==> flow/design.v <==
module alu_sub_unit_rtl #(
    parameter WD = 16
) (
    input  wire i_clk,
    input  wire rst_ni,
    input  wire ce,
    input  wire [WD-1:0] i_rs1,
    input  wire i_sub,
    input  wire i_zero,
    output wire [WD-1:0] o_q
);
    reg [WD-1:0] accum;
    always @(posedge i_clk or negedge rst_ni) begin
        if (!rst_ni) begin
            accum <= 0;
        end else if (ce) begin
            accum <= i_zero ? i_rs1 : i_sub ? accum - i_rs1 : accum + i_rs1;
        end
    end
    assign o_q = accum;
endmodule
# [Step by step through the tools: alu_sub_unit_rtl]
# A sweep over "WD": the same steps for each member of the family.
# The RTL above is that of WD=16; lines are counted from 1 in the file of the member named.
# Operators carry their Yosys type and port widths (W data, S select, Z words).
# A cell with - has no value.
[design] top_module="alu_sub_unit_rtl" clock_port="i_clk" cell_library="sky130hd" corner="tt_025C_1v80"

# [Members of the sweep]
# New or changed lines of each further member against the RTL above, in its own file; lines it lacks are not shown.
[changed_lines] WD=20 line=2 source="parameter WD = 20"
[changed_lines] WD=28 line=2 source="parameter WD = 28"
[changed_lines] WD=72 line=2 source="parameter WD = 72"
[changed_lines] WD=80 line=2 source="parameter WD = 80"

# [Word level]
# Counts by Yosys on the flattened word-level netlist (proc, flatten, opt, wreduce; memories kept). Register bits leave out memories and registers merged into their read ports (data or address); mux counts leave out enables and synchronous resets folded into registers. Print and check cells are left out. Cells with the same type and inputs are merged into one.
[op_classes] WD=16 mux=2 addsub=2
[op_classes] WD=20 mux=2 addsub=2
[op_classes] WD=28 mux=2 addsub=2
[op_classes] WD=72 mux=2 addsub=2
[op_classes] WD=80 mux=2 addsub=2
[op_table] WD=16 operators="$mux W16: 2; $add A16 B16 Y16: 1; $sub A16 B16 Y16: 1"
[op_table] WD=20 operators="$mux W20: 2; $add A20 B20 Y20: 1; $sub A20 B20 Y20: 1"
[op_table] WD=28 operators="$mux W28: 2; $add A28 B28 Y28: 1; $sub A28 B28 Y28: 1"
[op_table] WD=72 operators="$mux W72: 2; $add A72 B72 Y72: 1; $sub A72 B72 Y72: 1"
[op_table] WD=80 operators="$mux W80: 2; $add A80 B80 Y80: 1; $sub A80 B80 Y80: 1"
[bits] WD=16 in_bits=21 word_cells=5 output_inout_bits=16 register_bits=16
[bits] WD=20 in_bits=25 word_cells=5 output_inout_bits=20 register_bits=20
[bits] WD=28 in_bits=33 word_cells=5 output_inout_bits=28 register_bits=28
[bits] WD=72 in_bits=77 word_cells=5 output_inout_bits=72 register_bits=72
[bits] WD=80 in_bits=85 word_cells=5 output_inout_bits=80 register_bits=80

# [Longest topological paths]
# Longest topological path by Yosys (ltp), each cell counted once; first at word level (registers and memories cut), then after technology mapping (sequential cells cut; the memories' decode and read muxes count).
[depth] WD=16 ltp_word=3 abc_area=0 depth_mapped=16 depth_no_buf=16
[depth] WD=20 ltp_word=3 abc_area=0 depth_mapped=15 depth_no_buf=14
[depth] WD=28 ltp_word=3 abc_area=0 depth_mapped=15 depth_no_buf=15
[depth] WD=72 ltp_word=3 abc_area=0 depth_mapped=24 depth_no_buf=23
[depth] WD=80 ltp_word=3 abc_area=0 depth_mapped=23 depth_no_buf=23

# [After synthesis]
# Source: synth_stat.txt of the flow (Yosys; design flattened, memories mapped). It holds for the ABC_AREA given above (unset counts as 0); a run with the other value may have another netlist.
[synth_totals] WD=16 sequential_area_um2=400.4 ff_cells=16 buffers=7 yosys_area_um2=1799.2 mapped_cells=227
[synth_totals] WD=20 sequential_area_um2=500.5 ff_cells=20 buffers=15 yosys_area_um2=2339.7 mapped_cells=293
[synth_totals] WD=28 sequential_area_um2=700.7 ff_cells=28 buffers=14 yosys_area_um2=3231.8 mapped_cells=417
[synth_totals] WD=72 sequential_area_um2=1801.7 ff_cells=72 buffers=69 yosys_area_um2=9014.9 mapped_cells=1252
[synth_totals] WD=80 sequential_area_um2=2001.9 ff_cells=80 buffers=79 yosys_area_um2=10498.8 mapped_cells=1452
[types] WD=16 type_list="sky130_fd_sc_hd__dfrtp_1: 16; sky130_fd_sc_hd__ha_1: 16; sky130_fd_sc_hd__xnor2_1: 20; sky130_fd_sc_hd__a21oi_1: 24; sky130_fd_sc_hd__nor2_1: 28; sky130_fd_sc_hd__nor3_1: 12; sky130_fd_sc_hd__o21a_1: 6; sky130_fd_sc_hd__nor4_4: 2; sky130_fd_sc_hd__inv_1: 11; sky130_fd_sc_hd__nand2_1: 11; sky130_fd_sc_hd__mux2i_1: 4; sky130_fd_sc_hd__a211oi_1: 5; sky130_fd_sc_hd__nand2b_1: 6; sky130_fd_sc_hd__o21ai_0: 7; sky130_fd_sc_hd__nand3_1: 6; sky130_fd_sc_hd__a21o_1: 3; sky130_fd_sc_hd__fa_1: 1; sky130_fd_sc_hd__o21ai_1: 4; [+45]"
[types] WD=20 type_list="sky130_fd_sc_hd__dfrtp_1: 20; sky130_fd_sc_hd__ha_1: 20; sky130_fd_sc_hd__xnor2_1: 26; sky130_fd_sc_hd__a21oi_1: 36; sky130_fd_sc_hd__nor2_1: 34; sky130_fd_sc_hd__a21o_1: 13; sky130_fd_sc_hd__o21ai_0: 15; sky130_fd_sc_hd__mux2i_1: 7; sky130_fd_sc_hd__xor2_1: 8; sky130_fd_sc_hd__a31oi_1: 11; sky130_fd_sc_hd__nor2b_1: 8; sky130_fd_sc_hd__inv_1: 13; sky130_fd_sc_hd__clkbuf_1: 12; sky130_fd_sc_hd__nor4_4: 2; sky130_fd_sc_hd__nand3_1: 8; sky130_fd_sc_hd__nor3_1: 7; sky130_fd_sc_hd__nand2_1: 9; sky130_fd_sc_hd__nand2b_1: 5; [+39]"
[types] WD=28 type_list="sky130_fd_sc_hd__dfrtp_1: 28; sky130_fd_sc_hd__ha_1: 28; sky130_fd_sc_hd__xnor2_1: 39; sky130_fd_sc_hd__a21oi_1: 61; sky130_fd_sc_hd__nor2_1: 58; sky130_fd_sc_hd__nand2_1: 25; sky130_fd_sc_hd__and3_1: 12; sky130_fd_sc_hd__nor3_1: 14; sky130_fd_sc_hd__o21ai_0: 14; sky130_fd_sc_hd__a21o_1: 9; sky130_fd_sc_hd__nand3_1: 13; sky130_fd_sc_hd__a31oi_1: 8; sky130_fd_sc_hd__clkbuf_1: 12; sky130_fd_sc_hd__nor2b_1: 7; sky130_fd_sc_hd__xor2_1: 5; sky130_fd_sc_hd__a221o_1: 4; sky130_fd_sc_hd__inv_1: 10; sky130_fd_sc_hd__o21a_1: 5; [+65]"
[types] WD=72 type_list="sky130_fd_sc_hd__dfrtp_1: 72; sky130_fd_sc_hd__a21oi_1: 206; sky130_fd_sc_hd__xnor2_1: 103; sky130_fd_sc_hd__ha_1: 72; sky130_fd_sc_hd__nor2_1: 171; sky130_fd_sc_hd__nand2_1: 96; sky130_fd_sc_hd__a21o_1: 47; sky130_fd_sc_hd__o21ai_0: 55; sky130_fd_sc_hd__clkbuf_1: 63; sky130_fd_sc_hd__xor2_1: 27; sky130_fd_sc_hd__a31oi_1: 34; sky130_fd_sc_hd__nand4_1: 22; sky130_fd_sc_hd__nor2b_1: 22; sky130_fd_sc_hd__inv_1: 36; sky130_fd_sc_hd__nor3_1: 25; sky130_fd_sc_hd__mux2i_1: 11; sky130_fd_sc_hd__nand3_1: 22; sky130_fd_sc_hd__o211ai_1: 14; [+154]"
[types] WD=80 type_list="sky130_fd_sc_hd__dfrtp_1: 80; sky130_fd_sc_hd__a21oi_1: 233; sky130_fd_sc_hd__ha_1: 80; sky130_fd_sc_hd__xnor2_1: 108; sky130_fd_sc_hd__nor2_1: 200; sky130_fd_sc_hd__nand2_1: 105; sky130_fd_sc_hd__o21ai_0: 65; sky130_fd_sc_hd__xor2_1: 35; sky130_fd_sc_hd__clkbuf_1: 65; sky130_fd_sc_hd__a21o_1: 31; sky130_fd_sc_hd__o21bai_1: 29; sky130_fd_sc_hd__nand4_1: 33; sky130_fd_sc_hd__nor3_1: 39; sky130_fd_sc_hd__a31oi_1: 30; sky130_fd_sc_hd__and3_1: 27; sky130_fd_sc_hd__mux2i_1: 16; sky130_fd_sc_hd__nor4_1: 25; sky130_fd_sc_hd__inv_1: 39; [+212]"
# A list marked [+n] leaves out that many cells.

# [Worst setup path after synthesis]
# OpenSTA on the mapped netlist: ideal clock, no wires. The path of least setup slack (recovery checks aside). Input and output delay are each 20% of the period. Register names are those of the netlist, which keeps one name where synthesis merged equal registers.
[synth_timing] WD=16 path_type="in2reg" startpoint="input i_rs1[4]" endpoint="register accum[15]" delay_ps=3132 stages=14 tclk_ps=4890 slack_ps=780 period_less_setup_slack_ps=4110
[synth_timing] WD=20 path_type="in2reg" startpoint="input i_rs1[4]" endpoint="register accum[18]" delay_ps=2818 stages=13 tclk_ps=4400 slack_ps=701 period_less_setup_slack_ps=3699
[synth_timing] WD=28 path_type="in2reg" startpoint="input i_rs1[4]" endpoint="register accum[27]" delay_ps=3245 stages=15 tclk_ps=5070 slack_ps=811 period_less_setup_slack_ps=4259
[synth_timing] WD=72 path_type="in2reg" startpoint="input i_rs1[18]" endpoint="register accum[71]" delay_ps=4698 stages=20 tclk_ps=7340 slack_ps=1174 period_less_setup_slack_ps=6166
[synth_timing] WD=80 path_type="in2reg" startpoint="input i_rs1[0]" endpoint="register accum[76]" delay_ps=4285 stages=22 tclk_ps=6700 slack_ps=1076 period_less_setup_slack_ps=5624
# "delay_ps" = arrival - input delay + setup time.
# "stages" counts driving pins, that of a launching flip-flop among them; a cell with two outputs on the path counts twice.
# "period_less_setup_slack_ps" = period - worst setup slack (recovery checks aside). The figure is calculated, with input and output delays left at 20% of the set period.
# The rows between start and end are the longest chain of elaborated cells between them; the timing report does not say that the signal goes this way. Where chains are equally long, one stands for them.
# Each line given opens the expression or statement behind the cell; cells for indexed reads and writes are added by Yosys, which also makes memories of some case tables.
[synth_via_WD_16] elab_chain_len=3
[synth_lines_WD_16] element="from (decl)" line=7 source="input  wire [WD-1:0] i_rs1,"
[synth_lines_WD_16] element="$add A16 B16 Y16" line=17 source="accum <= i_zero ? i_rs1 : i_sub ? accum - i_rs1 : accum + i_rs1;"
[synth_lines_WD_16] element="$mux W16 (2 in a row)" line=17
[synth_lines_WD_16] element="to (assign)" line=15 source="accum <= 0;"
[synth_lines_WD_16] element="to (assign)" line=17
[synth_lines_WD_16] element="to (decl)" line=12 source="reg [WD-1:0] accum;"
[synth_via_WD_80] elab_chain_len=3
[synth_lines_WD_80] element="from (decl)" line=7 source="input  wire [WD-1:0] i_rs1,"
[synth_lines_WD_80] element="$add A80 B80 Y80" line=17 source="accum <= i_zero ? i_rs1 : i_sub ? accum - i_rs1 : accum + i_rs1;"
[synth_lines_WD_80] element="$mux W80 (2 in a row)" line=17
[synth_lines_WD_80] element="to (assign)" line=15 source="accum <= 0;"
[synth_lines_WD_80] element="to (assign)" line=17
[synth_lines_WD_80] element="to (decl)" line=12 source="reg [WD-1:0] accum;"

# [Worst path after layout]
# From the final timing report of each member's run: the path of least setup slack in the routed layout; clock arrival at registers is part of the times.
# The report prints the path's times to 10 ps; the period is as set.
[layout_timing] WD=16 path_type="in2reg" startpoint="input i_rs1[4]" endpoint="register accum[15]" stages=15 slack_ps=430 arrival_ps=4660 n_path_buf=1 tclk_ps=4890
[layout_timing] WD=20 path_type="in2reg" startpoint="input i_rs1[2]" endpoint="register accum[18]" stages=13 slack_ps=390 arrival_ps=4150 n_path_buf=1 tclk_ps=4400
[layout_timing] WD=28 path_type="in2reg" startpoint="input i_rs1[4]" endpoint="register accum[26]" stages=16 slack_ps=460 arrival_ps=4770 n_path_buf=1 tclk_ps=5070
[layout_timing] WD=72 path_type="in2reg" startpoint="input i_rs1[16]" endpoint="register accum[64]" stages=21 slack_ps=500 arrival_ps=7090 n_path_buf=1 tclk_ps=7340
[layout_timing] WD=80 path_type="in2reg" startpoint="input i_rs1[29]" endpoint="register accum[76]" stages=18 slack_ps=280 arrival_ps=6720 n_path_buf=1 tclk_ps=6700

# [Measured runs]
# Settings and results of one run of the flow (Yosys, OpenROAD) for each member follow. The constraints put input and output delay at 20% of the set period each and load the outputs with 0.01 pF.
[settings] CAP_MARGIN=20 CORE_MARGIN=2 CORE_UTILIZATION=40 SLEW_MARGIN=20
[settings_diff] WD=16 period_ns=4.89
[settings_diff] WD=20 period_ns=4.4
[settings_diff] WD=28 period_ns=5.07
[settings_diff] WD=72 period_ns=7.34
[settings_diff] WD=80 period_ns=6.7
[measured] WD=16 final_util_pct=52.4 final_hold_ws_ps=521 layout_stdcell_area_um2=2283.4 final_die_area_um2=5050.2 setup_tns_ps=0 setup_worst_slack_ps=431 achieved_period_ps=4459 synth_area_um2=1799.2
[measured] WD=20 final_util_pct=52.6 final_hold_ws_ps=553 layout_stdcell_area_um2=2931.6 final_die_area_um2=6477.0 setup_tns_ps=0 setup_worst_slack_ps=393 achieved_period_ps=4007 synth_area_um2=2339.7
[measured] WD=28 final_util_pct=52.4 final_hold_ws_ps=552 layout_stdcell_area_um2=4068.9 final_die_area_um2=8814.4 setup_tns_ps=0 setup_worst_slack_ps=461 achieved_period_ps=4609 synth_area_um2=3231.8
[measured] WD=72 final_util_pct=50.6 final_hold_ws_ps=515 layout_stdcell_area_um2=11106.9 final_die_area_um2=23754.5 setup_tns_ps=0 setup_worst_slack_ps=497 achieved_period_ps=6843 synth_area_um2=9014.9
[measured] WD=80 final_util_pct=51.2 final_hold_ws_ps=535 layout_stdcell_area_um2=13254.0 final_die_area_um2=27559.3 setup_tns_ps=0 setup_worst_slack_ps=281 achieved_period_ps=6419 synth_area_um2=10498.8
# "achieved_period_ps" = clock period - worst setup slack. The figure is calculated, with input and output delays left at 20% of the set period.
